==> flow/design.v <==
module ex_aligner (clk_i, clr, src, sh, dout);
    parameter DWIDTH = 40;
    localparam SBITS = $clog2(DWIDTH);
    input clk_i;
    input clr;
    input [DWIDTH-1:0] src;
    input [SBITS-1:0] sh;
    output [DWIDTH-1:0] dout;
    reg [DWIDTH-1:0] r_src;
    reg [SBITS-1:0] r_sh;
    always @(posedge clk_i or posedge clr) begin
        if (clr) begin
            r_src <= 0;
            r_sh <= 0;
        end else begin
            r_src <= src;
            r_sh <= sh;
        end
    end
    assign dout = r_src << r_sh;
endmodule
# --- Reports on ex_aligner ---
# Tool output for the design above, in the order of the flow.
# Lines are those of the file above, counted from 1.
# Cell names lack the library's common part.
design:
  top: "ex_aligner"
  clock_port: "clk_i"
  lib: "sky130hd"
  lib_corner: "tt_025C_1v80"

# --- Word level ---
# Counts by Yosys on the flattened word-level netlist (proc, flatten, opt, wreduce; memories kept). Register bits leave out memories and registers merged into their read ports (data or address); mux counts leave out enables and synchronous resets folded into registers. Print and check cells are left out. Cells with the same type and inputs are merged into one.
bits:
  wordCells: 3
  in_bits: 48
  out_inout_bits: 40
  ff_bits: 46
op_classes:
  shift: 1
op_table:
  columns: ["cell", "n"]
  rows:
  - ["left shift 40 x 6 -> 40 bit", 1]

# --- Logic depth ---
# Depth = most cells in a row (Yosys ltp): at word level without a register or memory, in the mapped netlist without a sequential cell, where the memories' decode and read muxes count.
depth:
  ltp_word: 1
  ABC_AREA: 0
  mapped_depth: 6
  depth_no_buf: 4

# --- Synthesis result ---
# Yosys stat after the flow's synthesis: flattened, memories mapped to cells. It holds for the ABC_AREA given above (unset counts as 0); a run with the other value may have another netlist.
# The area totals of this step are shown rounded.
synth_totals:
  yosys_area_um2: 3400
  n_buf: 25
  ffs: 46
  mapped_cells: 293
  sequential_area_um2: 1200
types:
  columns: ["type", "n", "area_total_um2"]
  rows:
  - ["dfrtp_1", 46, 1.15E+03]
  - ["mux4_2", 43, 968.429]
  - ["mux2_2", 19, 213.955]
  - ["mux2i_1", 19, 190.182]
  - ["nand2_1", 31, 116.362]
  - ["nor2_1", 28, 105.101]
  - ["nand2b_1", 8, 50.048]
  - ["clkbuf_1", 13, 48.797]
  - ["buf_6", 4, 45.043]
  - ["o22ai_1", 7, 43.792]
  - ["o32ai_1", 5, 43.792]
  - ["and3_1", 5, 31.28]
  - ["a21oi_1", 6, 30.029]
  - ["buf_2", 6, 30.029]
  - ["mux4_1", 1, 26.275]
  - ["o221ai_1", 3, 26.275]
  - ["a22oi_1", 3, 22.522]
  - ["inv_1", 6, 22.522]
# Other cell types: 24; their cells: 40.

# --- Timing after synthesis ---
# Path of least setup slack by OpenSTA after synthesis, without wires, with an ideal clock, recovery checks aside; 20% of the period is set as input and as output delay. Where synthesis merged equal registers, the netlist keeps one of their names.
synth_path:
  path_kind: "register to output"
  startpoint: "register r_sh[0]"
  endpoint: "output dout[32]"
  slack_ps: 460
  tclk_ps: 2870
  t_first_pin_ps: 0
  path_buffers: 2
  out_delay_ps: 574
  required_time_ps: 2296
  stages: 7
  path_delay_ps: 1836
  t_arrival_ps: 1836
  period_less_setup_slack_ps: 2410
# "path_delay_ps" is the arrival time less input delay plus setup time.
# A path that ends at an output port has no setup time.
# "stages" counts driving pins, that of a launching flip-flop among them; a cell with two outputs on the path counts twice.
# "period_less_setup_slack_ps" is the clock period less the worst setup slack; recovery checks do not enter. This is arithmetic on one report: input and output delays are still those of the set period (20% each).
# The rows between start and end are the longest chain of elaborated cells between them; the timing report does not say that the signal goes this way. Where chains are equally long, one stands for them.
# A line is the first line of the expression or statement that the cell stems from. Yosys adds cells for indexed reads and writes and turns some case tables into memories.
synth_between:
  path_cell_list: "dfrtp_1 buf_6 buf_6 mux4_2 mux4_2 nand2_1 o221ai_1"
  elab_chain_len: 1
  cells_between: 1
  lines_between: 1
  cone_classes: "1 x shift"
synth_lines:
  columns: ["element", "line_no", "text"]
  rows:
  - ["start: declaration", 10, "reg [SBITS-1:0] r_sh;"]
  - ["start: assignment", 14, "r_sh <= 0;"]
  - ["start: assignment", 17, "r_sh <= sh;"]
  - ["left shift 40 x 6 -> 40 bit", 20, "assign dout = r_src << r_sh;"]
  - ["end: declaration", 8, "output [DWIDTH-1:0] dout;"]

# --- Timing after layout ---
# From the final timing report of flow run A: the path of least setup slack in the routed layout; clock arrival at registers is part of the times.
# The report prints the path's times to 10 ps; the period is as set.
layout_path:
  path_kind: "register to output"
  startpoint: "register r_sh[0]"
  endpoint: "output dout[36]"
  slack_ps: -80
  tclk_ps: 2870
  stages: 8
  t_first_pin_ps: 290
  out_delay_ps: 570
  path_buffers: 3
  required_time_ps: 2300
  t_arrival_ps: 2380
# The rows between start and end are the longest chain of elaborated cells between them; the timing report does not say that the signal goes this way. Where chains are equally long, one stands for them.
layout_between:
  path_cell_list: "dfrtp_2 buf_8 buf_12 mux4_2 mux4_2 nand2_2 nand4_1 buf_2"
  elab_chain_len: 1
  cells_between: 1
  lines_between: 1
  cone_classes: "1 x shift"
layout_lines:
  columns: ["element", "line_no", "text"]
  rows:
  - ["start: declaration", 10, "reg [SBITS-1:0] r_sh;"]
  - ["start: assignment", 14, "r_sh <= 0;"]
  - ["start: assignment", 17, "r_sh <= sh;"]
  - ["left shift 40 x 6 -> 40 bit", 20, "assign dout = r_src << r_sh;"]
  - ["end: declaration", 8, "output [DWIDTH-1:0] dout;"]

==> runs of ex_aligner <==
Measured data: module ex_aligner, platform sky130hd, 3 stored runs of the flow under differing settings, order arbitrary. Input and output delays are each 20% of the period that was set; the output load is 0.01 pF.
"achievedPeriod_ps" means the clock period less the worst setup slack. The figure is calculated, with input and output delays left at 20% of the set period.
"critical_path_time_ps": the worst setup path's part of the clock period (all of it between registers, 20% less for each end at a port) less its slack. A launch clock that arrives late makes it longer, a capture clock that arrives late makes it shorter.
"critical_path_time_ps" is known to 10 ps.
Values from the reports are rounded here.

--- flow run A ---
==> flow/run.sh <==
#!/bin/bash
# the make line also repeats the synthesis and layout settings of config.mk as NAME=value (left out here)
make -C /OpenROAD-flow-scripts/flow DESIGN_CONFIG=/design/flow/config.mk WORK_HOME=/design/flow/orfs CLKGATE_MAP_FILE= finish
==> flow/config.mk <==
export PLATFORM = sky130hd
export DESIGN_NAME = ex_aligner
export DESIGN_NICKNAME = ex_aligner
export VERILOG_FILES = /design/flow/design.v
export SDC_FILE = /design/flow/constraint.sdc
export NUM_CORES = 4
export LEC_CHECK = 0
export CAP_MARGIN = 20
export CORE_MARGIN = 2
export CORE_UTILIZATION = 40
export SLEW_MARGIN = 20
==> flow/constraint.sdc <==
create_clock -name core_clock -period 2.87 [get_ports {clk_i}]
set_input_delay 0.5740 -clock core_clock [delete_from_list [all_inputs] [get_ports {clk_i}]]
set_output_delay 0.5740 -clock core_clock [all_outputs]
set_load 0.01 [all_outputs]

==> results, as YAML <==
results:
  post_synth_area_um2: 3400
  dieArea_um2: 9400
  finish.stdcell_area_um2: 5100
  layout_utilization_pct: 61
  timing.setup.ws_ps: -79
  setupTns_ps: -480
  achievedPeriod_ps: 2949
  critical_path_time_ps: 2380
  critical_path_kind: "register to output"

--- flow run B ---
==> flow/run.sh <==
#!/bin/bash
# the make line also repeats the synthesis and layout settings of config.mk as NAME=value (left out here)
make -C /OpenROAD-flow-scripts/flow DESIGN_CONFIG=/design/flow/config.mk WORK_HOME=/design/flow/orfs CLKGATE_MAP_FILE= finish
==> flow/config.mk <==
export PLATFORM = sky130hd
export DESIGN_NAME = ex_aligner
export DESIGN_NICKNAME = ex_aligner
export VERILOG_FILES = /design/flow/design.v
export SDC_FILE = /design/flow/constraint.sdc
export NUM_CORES = 4
export LEC_CHECK = 0
export ABC_AREA = 0
export CAP_MARGIN = 20
export CELL_PAD_IN_SITES_GLOBAL_PLACEMENT = 3
export CORE_ASPECT_RATIO = 1.9
export CORE_MARGIN = 2
export CORE_UTILIZATION = 61
export GPL_ROUTABILITY_DRIVEN = 0
export MIN_ROUTING_LAYER = met2
export PLACE_DENSITY = 0.59
export SETUP_SLACK_MARGIN = 0.34
export SLEW_MARGIN = 20
==> flow/constraint.sdc <==
create_clock -name core_clock -period 2.4 [get_ports {clk_i}]
set_input_delay 0.4800 -clock core_clock [delete_from_list [all_inputs] [get_ports {clk_i}]]
set_output_delay 0.4800 -clock core_clock [all_outputs]
set_load 0.01 [all_outputs]

==> results, as YAML <==
outcome: "unfinished; error GPL-0301 in placement"

--- flow run C ---
==> flow/run.sh <==
#!/bin/bash
# the make line also repeats the synthesis and layout settings of config.mk as NAME=value (left out here)
make -C /OpenROAD-flow-scripts/flow DESIGN_CONFIG=/design/flow/config.mk WORK_HOME=/design/flow/orfs CLKGATE_MAP_FILE= finish
==> flow/config.mk <==
export PLATFORM = sky130hd
export DESIGN_NAME = ex_aligner
export DESIGN_NICKNAME = ex_aligner
export VERILOG_FILES = /design/flow/design.v
export SDC_FILE = /design/flow/constraint.sdc
export NUM_CORES = 4
export LEC_CHECK = 0
export CAP_MARGIN = 35
export CELL_PAD_IN_SITES_DETAIL_PLACEMENT = 2
export CORE_MARGIN = 4
export CORE_UTILIZATION = 72
export CTS_CLUSTER_SIZE = 92
export GPL_TIMING_DRIVEN = 1
export MAX_ROUTING_LAYER = met4
export MIN_ROUTING_LAYER = met2
export PLACE_DENSITY_LB_ADDON = 0.18
export SLEW_MARGIN = 20
==> flow/constraint.sdc <==
create_clock -name core_clock -period 2.18 [get_ports {clk_i}]
set_input_delay 0.4360 -clock core_clock [delete_from_list [all_inputs] [get_ports {clk_i}]]
set_output_delay 0.4360 -clock core_clock [all_outputs]
set_load 0.01 [all_outputs]

==> results, as YAML <==
outcome: "unfinished; error FLW-0024 in placement"
